==> flow/design.v <==
module my_mul_n (ck, i_rst_n, dataa, datab, start, prod, ready);
  parameter NBITS = 5;
  input ck;
  input i_rst_n;
  input [NBITS-1:0] dataa;
  input [NBITS-1:0] datab;
  input start;
  output [2*NBITS-1:0] prod;
  output ready;
  reg [NBITS-1:0] dataa_ff;
  reg [NBITS-1:0] datab_ff;
  reg start_ff;
  always @(posedge ck) begin
    if (~i_rst_n) begin
      dataa_ff <= 0;
      datab_ff <= 0;
      start_ff <= 1'b0;
    end else begin
      dataa_ff <= dataa;
      datab_ff <= datab;
      start_ff <= start;
    end
  end
  localparam LOGN = $clog2(NBITS + 1);
  reg [NBITS-1:0] mcand;
  reg [LOGN-1:0] ctr;
  always @(posedge ck) begin
    if (~i_rst_n) begin
      mcand <= 0;
      ctr <= 0;
    end else begin
      mcand <= start_ff ? dataa_ff : mcand;
      ctr <= start_ff ? NBITS : (ctr != 0) ? ctr - 1'b1 : ctr;
    end
  end
  reg [2*NBITS-1:0] state;
  wire [NBITS:0] r;
  assign r = state[2*NBITS-1:NBITS] + (state[0] ? mcand : {NBITS{1'b0}});
  always @(posedge ck) begin
    if (~i_rst_n) begin
      state <= 0;
    end else begin
      state <= start_ff ? {{NBITS{1'b0}}, datab_ff} : (ctr != 0) ? {r, state[NBITS-1:1]} : state;
    end
  end
  assign prod = state;
  assign ready = (ctr == 0);
endmodule
Lab notebook: my_mul_n

Reports on my_mul_n --
Module my_mul_n in several versions that differ in "NBITS"; each step lists the members. The RTL above is that of NBITS=5; lines are counted from 1 in the file of the member named. Library cell names are shortened. A cell with - has no value.
Inputs: top my_mul_n, clock port ck, standard-cell library sky130hd, corner tt_025C_1v80

Members of the sweep --
Lines of each other member's file that are new or changed against the file above; lines that a member lacks are not shown.
New or changed lines:
- NBITS 16 | RTL line 2 | parameter NBITS = 16;
- NBITS 18 | RTL line 2 | parameter NBITS = 18;
- NBITS 20 | RTL line 2 | parameter NBITS = 20;
- NBITS 28 | RTL line 2 | parameter NBITS = 28;
- NBITS 32 | RTL line 2 | parameter NBITS = 32;
- NBITS 36 | RTL line 2 | parameter NBITS = 36;

After elaboration --
Counts by Yosys on the flattened word-level netlist (proc, flatten, opt, wreduce; memories kept). Register bits leave out memories and registers merged into their read ports (data or address). Print and check cells are left out. Cells with the same type and inputs are merged into one.
Word-level totals:
- NBITS 5 | flip-flop bits (word level) 29, latch bits 0, RAM bits 0, bits in read-only memories 0, word width x clocked read ports 0, memories 0, output and inout bits 11, word-level cells 20
- NBITS 16 | flip-flop bits (word level) 86, latch bits 0, RAM bits 0, bits in read-only memories 0, word width x clocked read ports 0, memories 0, output and inout bits 33, word-level cells 20
- NBITS 18 | flip-flop bits (word level) 96, latch bits 0, RAM bits 0, bits in read-only memories 0, word width x clocked read ports 0, memories 0, output and inout bits 37, word-level cells 20
- NBITS 20 | flip-flop bits (word level) 106, latch bits 0, RAM bits 0, bits in read-only memories 0, word width x clocked read ports 0, memories 0, output and inout bits 41, word-level cells 20
- NBITS 28 | flip-flop bits (word level) 146, latch bits 0, RAM bits 0, bits in read-only memories 0, word width x clocked read ports 0, memories 0, output and inout bits 57, word-level cells 20
- NBITS 32 | flip-flop bits (word level) 167, latch bits 0, RAM bits 0, bits in read-only memories 0, word width x clocked read ports 0, memories 0, output and inout bits 65, word-level cells 20
- NBITS 36 | flip-flop bits (word level) 187, latch bits 0, RAM bits 0, bits in read-only memories 0, word width x clocked read ports 0, memories 0, output and inout bits 73, word-level cells 20
Operators by class:
- NBITS 5 | add/sub/neg operators 2, multiply operators 0, divide/modulo/power cells 0, magnitude comparators 0, equality and inequality tests 0, shift operators 0, multiplexer cells 5, bitwise gates (word level) 1, reductions and logical operators 4
- NBITS 16 | add/sub/neg operators 2, multiply operators 0, divide/modulo/power cells 0, magnitude comparators 0, equality and inequality tests 0, shift operators 0, multiplexer cells 5, bitwise gates (word level) 1, reductions and logical operators 4
- NBITS 18 | add/sub/neg operators 2, multiply operators 0, divide/modulo/power cells 0, magnitude comparators 0, equality and inequality tests 0, shift operators 0, multiplexer cells 5, bitwise gates (word level) 1, reductions and logical operators 4
- NBITS 20 | add/sub/neg operators 2, multiply operators 0, divide/modulo/power cells 0, magnitude comparators 0, equality and inequality tests 0, shift operators 0, multiplexer cells 5, bitwise gates (word level) 1, reductions and logical operators 4
- NBITS 28 | add/sub/neg operators 2, multiply operators 0, divide/modulo/power cells 0, magnitude comparators 0, equality and inequality tests 0, shift operators 0, multiplexer cells 5, bitwise gates (word level) 1, reductions and logical operators 4
- NBITS 32 | add/sub/neg operators 2, multiply operators 0, divide/modulo/power cells 0, magnitude comparators 0, equality and inequality tests 0, shift operators 0, multiplexer cells 5, bitwise gates (word level) 1, reductions and logical operators 4
- NBITS 36 | add/sub/neg operators 2, multiply operators 0, divide/modulo/power cells 0, magnitude comparators 0, equality and inequality tests 0, shift operators 0, multiplexer cells 5, bitwise gates (word level) 1, reductions and logical operators 4
Operators with widths (kind and count):
- NBITS 5 | 5-bit 2-to-1 mux: 3; 5-bit by 5-bit adder with 6-bit output: 1; 3-bit 2-to-1 mux: 2; 3-bit by 1-bit subtractor with 3-bit output (second input constant): 1; 3-bit zero test: 1; 3-bit nonzero test: 1; 2-bit nonzero test: 1; 2-bit OR reduction: 1; 1-bit inverter: 1
- NBITS 16 | 16-bit 2-to-1 mux: 3; 16-bit by 16-bit adder with 17-bit output: 1; 5-bit 2-to-1 mux: 2; 5-bit by 1-bit subtractor with 5-bit output (second input constant): 1; 5-bit zero test: 1; 5-bit nonzero test: 1; 2-bit nonzero test: 1; 2-bit OR reduction: 1; 1-bit inverter: 1
- NBITS 18 | 18-bit 2-to-1 mux: 3; 18-bit by 18-bit adder with 19-bit output: 1; 5-bit 2-to-1 mux: 2; 5-bit by 1-bit subtractor with 5-bit output (second input constant): 1; 5-bit zero test: 1; 5-bit nonzero test: 1; 2-bit nonzero test: 1; 2-bit OR reduction: 1; 1-bit inverter: 1
- NBITS 20 | 20-bit 2-to-1 mux: 3; 20-bit by 20-bit adder with 21-bit output: 1; 5-bit 2-to-1 mux: 2; 5-bit by 1-bit subtractor with 5-bit output (second input constant): 1; 5-bit zero test: 1; 5-bit nonzero test: 1; 2-bit nonzero test: 1; 2-bit OR reduction: 1; 1-bit inverter: 1
- NBITS 28 | 28-bit 2-to-1 mux: 3; 28-bit by 28-bit adder with 29-bit output: 1; 5-bit 2-to-1 mux: 2; 5-bit by 1-bit subtractor with 5-bit output (second input constant): 1; 5-bit zero test: 1; 5-bit nonzero test: 1; 2-bit nonzero test: 1; 2-bit OR reduction: 1; 1-bit inverter: 1
- NBITS 32 | 32-bit 2-to-1 mux: 3; 32-bit by 32-bit adder with 33-bit output: 1; 6-bit 2-to-1 mux: 2; 6-bit by 1-bit subtractor with 6-bit output (second input constant): 1; 6-bit zero test: 1; 6-bit nonzero test: 1; 2-bit nonzero test: 1; 2-bit OR reduction: 1; 1-bit inverter: 1
- NBITS 36 | 36-bit 2-to-1 mux: 3; 36-bit by 36-bit adder with 37-bit output: 1; 6-bit 2-to-1 mux: 2; 6-bit by 1-bit subtractor with 6-bit output (second input constant): 1; 6-bit zero test: 1; 6-bit nonzero test: 1; 2-bit nonzero test: 1; 2-bit OR reduction: 1; 1-bit inverter: 1

Longest topological paths --
Depth = most cells in a row (Yosys ltp): at word level without a register or memory, in the mapped netlist without a sequential cell, where the memories' decode and read muxes count.
Logic depth:
- NBITS 5 | depth after elaboration 4, ABC_AREA 0, gate-level depth with buffers 8
- NBITS 16 | depth after elaboration 4, ABC_AREA 0, gate-level depth with buffers 10
- NBITS 18 | depth after elaboration 4, ABC_AREA 0, gate-level depth with buffers 11
- NBITS 20 | depth after elaboration 4, ABC_AREA 0, gate-level depth with buffers 12
- NBITS 28 | depth after elaboration 4, ABC_AREA 0, gate-level depth with buffers 12
- NBITS 32 | depth after elaboration 4, ABC_AREA 0, gate-level depth with buffers 11
- NBITS 36 | depth after elaboration 4, ABC_AREA 0, gate-level depth with buffers 13

Netlist --
Source: synth_stat.txt of the flow (Yosys; design flattened, memories mapped). It holds for the ABC_AREA given above (unset counts as 0); a run with the other value may have another netlist.
Cell types (types with counts):
- NBITS 5 | dfxtp_1: 29; and2_1: 20; mux2i_1: 11; ha_1: 7; nor2b_1: 7; nand2_1: 10; nand3_1: 5; o21ai_0: 5; buf_6: 2; inv_1: 6; fa_1: 1; a211oi_1: 2; a21oi_1: 3; nor2_1: 4; o21a_1: 2; nand2b_4: 1; mux2_2: 1; nor3_1: 2; (+14)
- NBITS 16 | dfxtp_1: 86; and2_1: 66; mux2i_1: 33; ha_1: 17; nand2_1: 39; xnor2_1: 14; nor2b_1: 19; a21oi_1: 21; nor2_1: 21; o21ai_0: 14; o21ai_1: 14; clkbuf_1: 13; buf_6: 4; nand3_1: 7; buf_2: 6; a211oi_2: 2; nor3_1: 5; o211ai_2: 2; (+40)
- NBITS 18 | dfxtp_1: 96; and2_1: 54; a21oi_1: 55; ha_1: 20; nor2b_1: 40; nand2_1: 65; mux2i_1: 23; nor2_1: 23; clkbuf_1: 17; buf_2: 12; nor3_1: 12; a21o_1: 6; xnor2_1: 5; xor2_1: 5; nand3_1: 8; o21ai_0: 7; a31oi_1: 5; a211oi_1: 4; (+59)
- NBITS 20 | dfxtp_1: 106; and2_1: 61; a21oi_1: 68; nor2b_1: 44; ha_1: 21; nand2_1: 68; mux2i_1: 21; clkbuf_1: 25; o21ai_0: 18; nor2_1: 19; xnor2_1: 7; a211oi_1: 8; a21o_1: 8; xor2_1: 6; nand3_1: 7; inv_1: 8; a31oi_1: 4; buf_12: 1; (+50)
- NBITS 28 | dfxtp_1: 146; and2_1: 88; a21oi_1: 90; nor2b_1: 61; ha_1: 29; nand2_1: 91; mux2i_1: 29; xnor2_1: 17; clkbuf_1: 36; a22o_1: 14; a21o_1: 13; xor2_1: 11; a211oi_1: 12; nor2_1: 16; o211ai_1: 7; o21ai_0: 8; a41oi_2: 2; o21ai_1: 6; (+71)
- NBITS 32 | dfxtp_1: 167; and2_1: 100; a21oi_1: 115; nand2_1: 125; nor2b_1: 69; ha_1: 34; mux2i_1: 35; o21ai_0: 37; clkbuf_1: 49; xnor2_1: 16; nor2_1: 35; xor2_1: 10; a21o_1: 9; nand4_1: 10; and3_1: 8; a211oi_1: 6; nor3_1: 9; o21a_1: 6; (+73)
- NBITS 36 | dfxtp_1: 187; and2_1: 110; a21oi_1: 121; nor2b_1: 82; nand2_1: 132; ha_1: 38; mux2i_1: 38; clkbuf_1: 50; a21o_1: 21; xnor2_1: 17; nor2_1: 34; nand3_1: 25; xor2_1: 13; o21ai_0: 17; a211oi_1: 10; o211ai_1: 7; o21bai_1: 6; nand4_1: 7; (+95)
A list marked (+n) leaves out that many cells.
Synthesis totals:
- NBITS 5 | mapped cells 132, chip area (Yosys) 1276.2 um^2, sequential part of the area 580.6 um^2, flip-flop cells 29, buffers 6
- NBITS 16 | mapped cells 423, chip area (Yosys) 3930.0 um^2, sequential part of the area 1721.7 um^2, flip-flop cells 86, buffers 24
- NBITS 18 | mapped cells 516, chip area (Yosys) 4485.6 um^2, sequential part of the area 1921.8 um^2, flip-flop cells 96, buffers 32
- NBITS 20 | mapped cells 550, chip area (Yosys) 4862.2 um^2, sequential part of the area 2122.0 um^2, flip-flop cells 106, buffers 33
- NBITS 28 | mapped cells 747, chip area (Yosys) 6686.4 um^2, sequential part of the area 2922.8 um^2, flip-flop cells 146, buffers 48
- NBITS 32 | mapped cells 913, chip area (Yosys) 7805.0 um^2, sequential part of the area 3343.2 um^2, flip-flop cells 167, buffers 55
- NBITS 36 | mapped cells 1010, chip area (Yosys) 8718.4 um^2, sequential part of the area 3743.6 um^2, flip-flop cells 187, buffers 64

Worst setup path after synthesis --
Source: OpenSTA report_checks on the synthesized netlist (no wires, ideal clock, input and output delay 20% of the period each), path of least setup slack; recovery checks are left aside. Register names are those of the netlist, which keeps one name where synthesis merged equal registers.
Timing path after synthesis:
- NBITS 5 | path type reg-to-reg, start point register state[0], end point register state[8], period 2.09 ns, setup slack 0.421 ns, stages 9, path delay 1.669 ns, period reached after synthesis 1.669 ns
- NBITS 16 | path type reg-to-reg, start point register state[0], end point register state[28], period 2.62 ns, setup slack 0.522 ns, stages 10, path delay 2.097 ns, period reached after synthesis 2.098 ns
- NBITS 18 | path type reg-to-reg, start point register state[0], end point register state[35], period 3.14 ns, setup slack 0.629 ns, stages 12, path delay 2.511 ns, period reached after synthesis 2.511 ns
- NBITS 20 | path type reg-to-reg, start point register state[0], end point register state[37], period 3.09 ns, setup slack 0.614 ns, stages 11, path delay 2.475 ns, period reached after synthesis 2.476 ns
- NBITS 28 | path type reg-to-reg, start point register state[0], end point register state[45], period 3.49 ns, setup slack 0.700 ns, stages 12, path delay 2.790 ns, period reached after synthesis 2.79 ns
- NBITS 32 | path type reg-to-reg, start point register state[0], end point register state[60], period 3.35 ns, setup slack 0.672 ns, stages 12, path delay 2.679 ns, period reached after synthesis 2.678 ns
- NBITS 36 | path type reg-to-reg, start point register state[0], end point register state[71], period 3.66 ns, setup slack 0.735 ns, stages 13, path delay 2.926 ns, period reached after synthesis 2.925 ns
"path delay" is the arrival time less input delay plus setup time. "stages" counts driving pins, that of a launching flip-flop among them; a cell with two outputs on the path counts twice. "period reached after synthesis" is the clock period less the worst setup slack; recovery checks do not enter. This is arithmetic on one report: input and output delays are still those of the set period (20% each). The rows between start and end are the longest chain of elaborated cells between them; the timing report does not say that the signal goes this way. Where chains are equally long, one stands for them. A line is the first line of the expression or statement that the cell stems from. Yosys adds cells for indexed reads and writes and turns some case tables into memories.
On the way, after synthesis, NBITS=5: length of the longest elaborated chain 2
RTL lines, path after synthesis, NBITS=5:
- start, declared | RTL line 36 | reg [2*NBITS-1:0] state;
- start, assigned | RTL line 41 | state <= 0;
- start, assigned | RTL line 43 | state <= start_ff ? {{NBITS{1'b0}}, datab_ff} : (ctr != 0) ? {r, state[NBITS-1:1]} : state;
- 5-bit 2-to-1 mux | RTL line 38 | assign r = state[2*NBITS-1:NBITS] + (state[0] ? mcand : {NBITS{1'b0}});
- 5-bit by 5-bit adder with 6-bit output | RTL line 38
- end, assigned | RTL line 41
- end, assigned | RTL line 43
- end, declared | RTL line 36
On the way, after synthesis, NBITS=36: length of the longest elaborated chain 2
RTL lines, path after synthesis, NBITS=36:
- start, declared | RTL line 36 | reg [2*NBITS-1:0] state;
- start, assigned | RTL line 41 | state <= 0;
- start, assigned | RTL line 43 | state <= start_ff ? {{NBITS{1'b0}}, datab_ff} : (ctr != 0) ? {r, state[NBITS-1:1]} : state;
- 36-bit 2-to-1 mux | RTL line 38 | assign r = state[2*NBITS-1:NBITS] + (state[0] ? mcand : {NBITS{1'b0}});
- 36-bit by 36-bit adder with 37-bit output | RTL line 38
- end, assigned | RTL line 41
- end, assigned | RTL line 43
- end, declared | RTL line 36

Timing after layout --
From the final timing report of the run of each member: the path of least setup slack in the routed layout; clock arrival at registers is part of the times.
Timing path post-layout:
- NBITS 5 | path type reg-to-output, start point register ctr[0], end point output ready, period 2.09 ns, setup slack 0.25 ns, stages 6, arrival time 1.42 ns
- NBITS 16 | path type reg-to-reg, start point register state[0], end point register state[30], period 2.62 ns, setup slack 0.27 ns, stages 9, arrival time 2.63 ns
- NBITS 18 | path type reg-to-output, start point register ctr[0], end point output ready, period 3.14 ns, setup slack 0.56 ns, stages 6, arrival time 1.96 ns
- NBITS 20 | path type reg-to-reg, start point register state[0], end point register state[37], period 3.09 ns, setup slack 0.44 ns, stages 10, arrival time 2.88 ns
- NBITS 28 | path type reg-to-reg, start point register state[0], end point register state[45], period 3.49 ns, setup slack 0.42 ns, stages 11, arrival time 3.38 ns
- NBITS 32 | path type reg-to-reg, start point register state[0], end point register state[58], period 3.35 ns, setup slack 0.44 ns, stages 10, arrival time 3.25 ns
- NBITS 36 | path type reg-to-reg, start point register state[0], end point register state[71], period 3.66 ns, setup slack 0.55 ns, stages 12, arrival time 3.42 ns

Layout results --
One run of the flow (Yosys, OpenROAD) for each member, with settings and measured results. Input and output delays are each 20% of the period that was set; the output load is 0.01 pF.
Flow settings: CAP_MARGIN 20, CORE_MARGIN 2, CORE_UTILIZATION 40, SLEW_MARGIN 20
Settings by member (period_ns):
- NBITS 5 | 2.09
- NBITS 16 | 2.62
- NBITS 18 | 3.14
- NBITS 20 | 3.09
- NBITS 28 | 3.49
- NBITS 32 | 3.35
- NBITS 36 | 3.66
Final reports:
- NBITS 5 | area of the synthesized netlist 1276.2 um^2, total die area 3658.4 um^2, standard-cell area of the final layout 1629.1 um^2, post-layout utilization 53.4%, worst setup slack after layout 0.251 ns, summed negative setup slack 0.000 ns, clock period reached 1.839 ns
- NBITS 16 | area of the synthesized netlist 3930.0 um^2, total die area 10633.7 um^2, standard-cell area of the final layout 4864.7 um^2, post-layout utilization 50.5%, worst setup slack after layout 0.267 ns, summed negative setup slack 0.000 ns, clock period reached 2.353 ns
- NBITS 18 | area of the synthesized netlist 4485.6 um^2, total die area 12076.9 um^2, standard-cell area of the final layout 5535.3 um^2, post-layout utilization 50.8%, worst setup slack after layout 0.555 ns, summed negative setup slack 0.000 ns, clock period reached 2.585 ns
- NBITS 20 | area of the synthesized netlist 4862.2 um^2, total die area 13053.1 um^2, standard-cell area of the final layout 6020.8 um^2, post-layout utilization 50.3%, worst setup slack after layout 0.441 ns, summed negative setup slack 0.000 ns, clock period reached 2.649 ns
- NBITS 28 | area of the synthesized netlist 6686.4 um^2, total die area 17766.2 um^2, standard-cell area of the final layout 8565.7 um^2, post-layout utilization 52.0%, worst setup slack after layout 0.420 ns, summed negative setup slack 0.000 ns, clock period reached 3.070 ns
- NBITS 32 | area of the synthesized netlist 7805.0 um^2, total die area 20645.4 um^2, standard-cell area of the final layout 9929.5 um^2, post-layout utilization 51.4%, worst setup slack after layout 0.437 ns, summed negative setup slack 0.000 ns, clock period reached 2.913 ns
- NBITS 36 | area of the synthesized netlist 8718.4 um^2, total die area 22993.2 um^2, standard-cell area of the final layout 10989.3 um^2, post-layout utilization 50.8%, worst setup slack after layout 0.553 ns, summed negative setup slack 0.000 ns, clock period reached 3.107 ns
By "clock period reached" is meant the clock period of the run minus its worst setup slack. This is arithmetic on one report: input and output delays are still those of the set period (20% each).
